==> flow/design.v <==
module gen_comparator #(
    parameter XLEN = 40,
    parameter LANES = 3
) (
    input  wire CLK,
    input  wire rst_n,
    input  wire enable,
    input  wire [LANES*XLEN-1:0] d,
    output wire [XLEN-1:0] hi
);
    reg [LANES*XLEN-1:0] d_ff;
    always @(posedge CLK or negedge rst_n) begin
        if (!rst_n) begin
            d_ff <= 0;
        end else if (enable) begin
            d_ff <= d;
        end
    end
    reg [XLEN-1:0] cur;
    integer k;
    always @* begin
        cur = d_ff[XLEN-1:0];
        for (k = 1; k < LANES; k = k + 1)
            if (d_ff[k*XLEN +: XLEN] > cur) cur = d_ff[k*XLEN +: XLEN];
    end
    reg [XLEN-1:0] hi_ff;
    always @(posedge CLK or negedge rst_n) begin
        if (!rst_n) begin
            hi_ff <= 0;
        end else if (enable) begin
            hi_ff <= cur;
        end
    end
    assign hi = hi_ff;
endmodule
* From RTL to reports: gen_comparator
Tool output for the members of one design family, told apart by "LANES", in the order of the flow.
The file above is the member LANES = 3. Line numbers count from 1 in each member's own file.
Operators carry their Yosys type and port widths (W data, S select, Z words).
Library cell names are shortened.
A cell with - has no value.
- Design top :: gen_comparator
- Clock port :: CLK
- Library :: sky130hd
- Corner :: tt_025C_1v80

* Members of the sweep
Lines of each other member's file that are new or changed against the file above; lines that a member lacks are not shown.
** Lines new or changed
- LANES 4 :: RTL line 3 : parameter LANES = 4
- LANES 5 :: RTL line 3 : parameter LANES = 5

* Elaborated design
Yosys after proc, flatten, opt, wreduce and memory -nomap, before mapping. Enables and synchronous resets that opt folds into registers are not counted as muxes. Memory bits, and registers merged into a memory's read port (data or address), are not among the register bits. Print and check cells are not counted. Equal cells are merged and count once.
** Storage and ports
- LANES 3 :: register bits after elaboration 160, latch bits 0, memory bits (writable) 0, ROM bits 0, clocked read ports x word width 0, memories kept 0, output and inout bits 40, elaborated cells 6
- LANES 4 :: register bits after elaboration 200, latch bits 0, memory bits (writable) 0, ROM bits 0, clocked read ports x word width 0, memories kept 0, output and inout bits 40, elaborated cells 8
- LANES 5 :: register bits after elaboration 240, latch bits 0, memory bits (writable) 0, ROM bits 0, clocked read ports x word width 0, memories kept 0, output and inout bits 40, elaborated cells 10
** Operators by class
- LANES 3 :: add/sub/neg operators 0, multiply operators 0, divide/modulo/power cells 0, magnitude comparators 2, equality and inequality tests 0, shift operators 0, muxes and demuxes 2, bitwise logic cells 0, reduce/logical cells 0
- LANES 4 :: add/sub/neg operators 0, multiply operators 0, divide/modulo/power cells 0, magnitude comparators 3, equality and inequality tests 0, shift operators 0, muxes and demuxes 3, bitwise logic cells 0, reduce/logical cells 0
- LANES 5 :: add/sub/neg operators 0, multiply operators 0, divide/modulo/power cells 0, magnitude comparators 4, equality and inequality tests 0, shift operators 0, muxes and demuxes 4, bitwise logic cells 0, reduce/logical cells 0
** Operators by type and width (kind and count)
- LANES 3 :: $gt A40 B40 Y1: 2; $mux W40: 2
- LANES 4 :: $gt A40 B40 Y1: 3; $mux W40: 3
- LANES 5 :: $gt A40 B40 Y1: 4; $mux W40: 4

* Logic depth
Depth = most cells in a row (Yosys ltp): at word level without a register or memory, in the mapped netlist without a sequential cell, where the memories' decode and read muxes count.
** Depth
- LANES 3 :: word-level depth 4, ABC_AREA 0, depth in mapped cells 23
- LANES 4 :: word-level depth 6, ABC_AREA 0, depth in mapped cells 31
- LANES 5 :: word-level depth 8, ABC_AREA 0, depth in mapped cells 53

* Synthesis result
Source: synth_stat.txt of the flow (Yosys; design flattened, memories mapped). It holds for the ABC_AREA given above (unset counts as 0); a run with the other value may have another netlist.
Totals and module areas in this step are rounded.
** Mapped netlist
- LANES 3 :: mapped cells 1004, synthesis area 9700 µm², area of sequential cells 4000 µm², flip-flops 160, buffer cells 64
- LANES 4 :: mapped cells 1280, synthesis area 12000 µm², area of sequential cells 5000 µm², flip-flops 200, buffer cells 77
- LANES 5 :: mapped cells 1423, synthesis area 14000 µm², area of sequential cells 6000 µm², flip-flops 240, buffer cells 68
** Cell types (types with counts)
- LANES 3 :: dfrtp_1: 160; ha_1: 80; mux2_2: 79; nand2_1: 138; o21ai_0: 90; mux2i_1: 39; a211oi_1: 42; inv_1: 83; o22ai_1: 40; a2111oi_0: 26; nor3_1: 42; a21oi_1: 33; clkbuf_1: 43; a2111oi_2: 10; nand4_1: 16; buf_2: 11; nand3_1: 11; a21o_1: 7; (+54)
- LANES 4 :: dfrtp_1: 200; ha_1: 120; mux2_2: 118; nand2_1: 206; o21ai_0: 93; o211ai_1: 44; inv_1: 82; a31oi_1: 41; o22ai_1: 40; a21oi_1: 48; nor3_1: 45; clkbuf_1: 50; nand2_2: 30; nor2_1: 50; nand4_1: 27; buf_2: 20; nand3_1: 14; buf_6: 5; (+47)
- LANES 5 :: dfrtp_1: 240; ha_1: 158; mux2_2: 119; o21ai_0: 145; nand2_1: 176; mux2_4: 42; a21oi_1: 81; inv_1: 85; o221ai_1: 36; nand2b_1: 45; a21o_1: 33; nand4_1: 39; clkbuf_1: 61; nor2_1: 59; nor2b_1: 16; o21a_1: 10; nand3_1: 10; buf_6: 4; (+64)
The mark (+n) counts cells that are not listed.

* Path before layout
Path of least setup slack by OpenSTA after synthesis, without wires, with an ideal clock, recovery checks aside; 20% of the period is set as input and as output delay. Where synthesis merged equal registers, the netlist keeps one of their names.
** Timing post-synthesis
- LANES 3 :: path kind reg-to-reg, from reg d_ff[79], to reg hi_ff[29], clock period 5510 ps, path slack 1104 ps, driving pins on the path 21, delay of the path 4405 ps, period reached after synthesis 4406 ps
- LANES 4 :: path kind reg-to-reg, from reg d_ff[75], to reg hi_ff[10], clock period 7290 ps, path slack 1455 ps, driving pins on the path 30, delay of the path 5835 ps, period reached after synthesis 5835 ps
- LANES 5 :: path kind reg-to-reg, from reg d_ff[62], to reg hi_ff[28], clock period 13100 ps, path slack 2648 ps, driving pins on the path 52, delay of the path 10452 ps, period reached after synthesis 10452 ps
"delay of the path" = arrival - input delay + setup time.
"driving pins on the path": output pins that drive a net of the path, with the launching flip-flop's if there is one; two outputs of one cell count as two.
"period reached after synthesis" is the clock period less the worst setup slack; recovery checks do not enter. This is arithmetic on one report: input and output delays are still those of the set period (20% each).
The rows between start and end are the longest chain of elaborated cells between them; the timing report does not say that the signal goes this way. Where chains are equally long, one stands for them.
A line is the first line of the expression or statement that the cell stems from. Yosys adds cells for indexed reads and writes and turns some case tables into memories.
On the way, post-synthesis, LANES = 3:
- Cells in the longest elaborated chain :: 4
** RTL lines, path post-synthesis, LANES = 3
- start, declared :: RTL line 11 : reg [LANES*XLEN-1:0] d_ff;
- start, assigned :: RTL line 14 : d_ff <= 0;
- start, assigned :: RTL line 16 : d_ff <= d;
- $gt A40 B40 Y1 :: RTL line 24 : if (d_ff[k*XLEN +: XLEN] > cur) cur = d_ff[k*XLEN +: XLEN];
- $mux W40 :: RTL line 24
- $gt A40 B40 Y1 :: RTL line 24
- $mux W40 :: RTL line 24
- end, assigned :: RTL line 29 : hi_ff <= 0;
- end, assigned :: RTL line 31 : hi_ff <= cur;
- end, declared :: RTL line 26 : reg [XLEN-1:0] hi_ff;
On the way, post-synthesis, LANES = 5:
- Cells in the longest elaborated chain :: 8
** RTL lines, path post-synthesis, LANES = 5
- start, declared :: RTL line 11 : reg [LANES*XLEN-1:0] d_ff;
- start, assigned :: RTL line 14 : d_ff <= 0;
- start, assigned :: RTL line 16 : d_ff <= d;
- $gt A40 B40 Y1 :: RTL line 24 : if (d_ff[k*XLEN +: XLEN] > cur) cur = d_ff[k*XLEN +: XLEN];
- $mux W40 :: RTL line 24
- $gt A40 B40 Y1 :: RTL line 24
- $mux W40 :: RTL line 24
- $gt A40 B40 Y1 :: RTL line 24
- $mux W40 :: RTL line 24
- $gt A40 B40 Y1 :: RTL line 24
- $mux W40 :: RTL line 24
- end, assigned :: RTL line 29 : hi_ff <= 0;
- end, assigned :: RTL line 31 : hi_ff <= cur;
- end, declared :: RTL line 26 : reg [XLEN-1:0] hi_ff;

* Timing after layout
From the final timing report of the run of each member: the path of least setup slack in the routed layout; clock arrival at registers is part of the times.
The path's times are printed in steps of 10 ps; the period is the one set.
** Timing after layout
- LANES 3 :: path kind reg-to-reg, from reg d_ff[75], to reg hi_ff[24], clock period 5510 ps, path slack 280 ps, driving pins on the path 19, arrival time 5520 ps
- LANES 4 :: path kind reg-to-reg, from reg d_ff[67], to reg hi_ff[39], clock period 7290 ps, path slack 270 ps, driving pins on the path 29, arrival time 7370 ps
- LANES 5 :: path kind reg-to-reg, from reg d_ff[75], to reg hi_ff[0], clock period 13100 ps, path slack 930 ps, driving pins on the path 44, arrival time 12590 ps

* Layout results
Settings and results of one run of the flow (Yosys, OpenROAD) for each member follow. The constraints put input and output delay at 20% of the set period each and load the outputs with 0.01 pF.
- CAP_MARGIN :: 20
- CORE_MARGIN :: 2
- CORE_UTILIZATION :: 40
- SLEW_MARGIN :: 20
** Settings that differ (period_ns)
- LANES 3 :: 5.51
- LANES 4 :: 7.29
- LANES 5 :: 13.1
** Measured results
- LANES 3 :: mapped cell area after synthesis 9700 µm², total die area 26000 µm², standard-cell area of the final layout 12000 µm², utilization after layout 51%, setup slack of the critical path 280 ps, total negative slack on setup checks 0 ps, worst hold slack in the final report 530 ps, overall power 4300 uW, reached clock period 5228 ps
- LANES 4 :: mapped cell area after synthesis 12000 µm², total die area 31000 µm², standard-cell area of the final layout 15000 µm², utilization after layout 52%, setup slack of the critical path 270 ps, total negative slack on setup checks 0 ps, worst hold slack in the final report 540 ps, overall power 4500 uW, reached clock period 7015 ps
- LANES 5 :: mapped cell area after synthesis 14000 µm², total die area 37000 µm², standard-cell area of the final layout 18000 µm², utilization after layout 51%, setup slack of the critical path 930 ps, total negative slack on setup checks 0 ps, worst hold slack in the final report 500 ps, overall power 3200 uW, reached clock period 12166 ps
"reached clock period" = clock period - worst setup slack. The figure is calculated, with input and output delays left at 20% of the set period.
"overall power" rests on the timing tool's default activity at the inputs, not on a simulated workload.
The results are shown rounded.
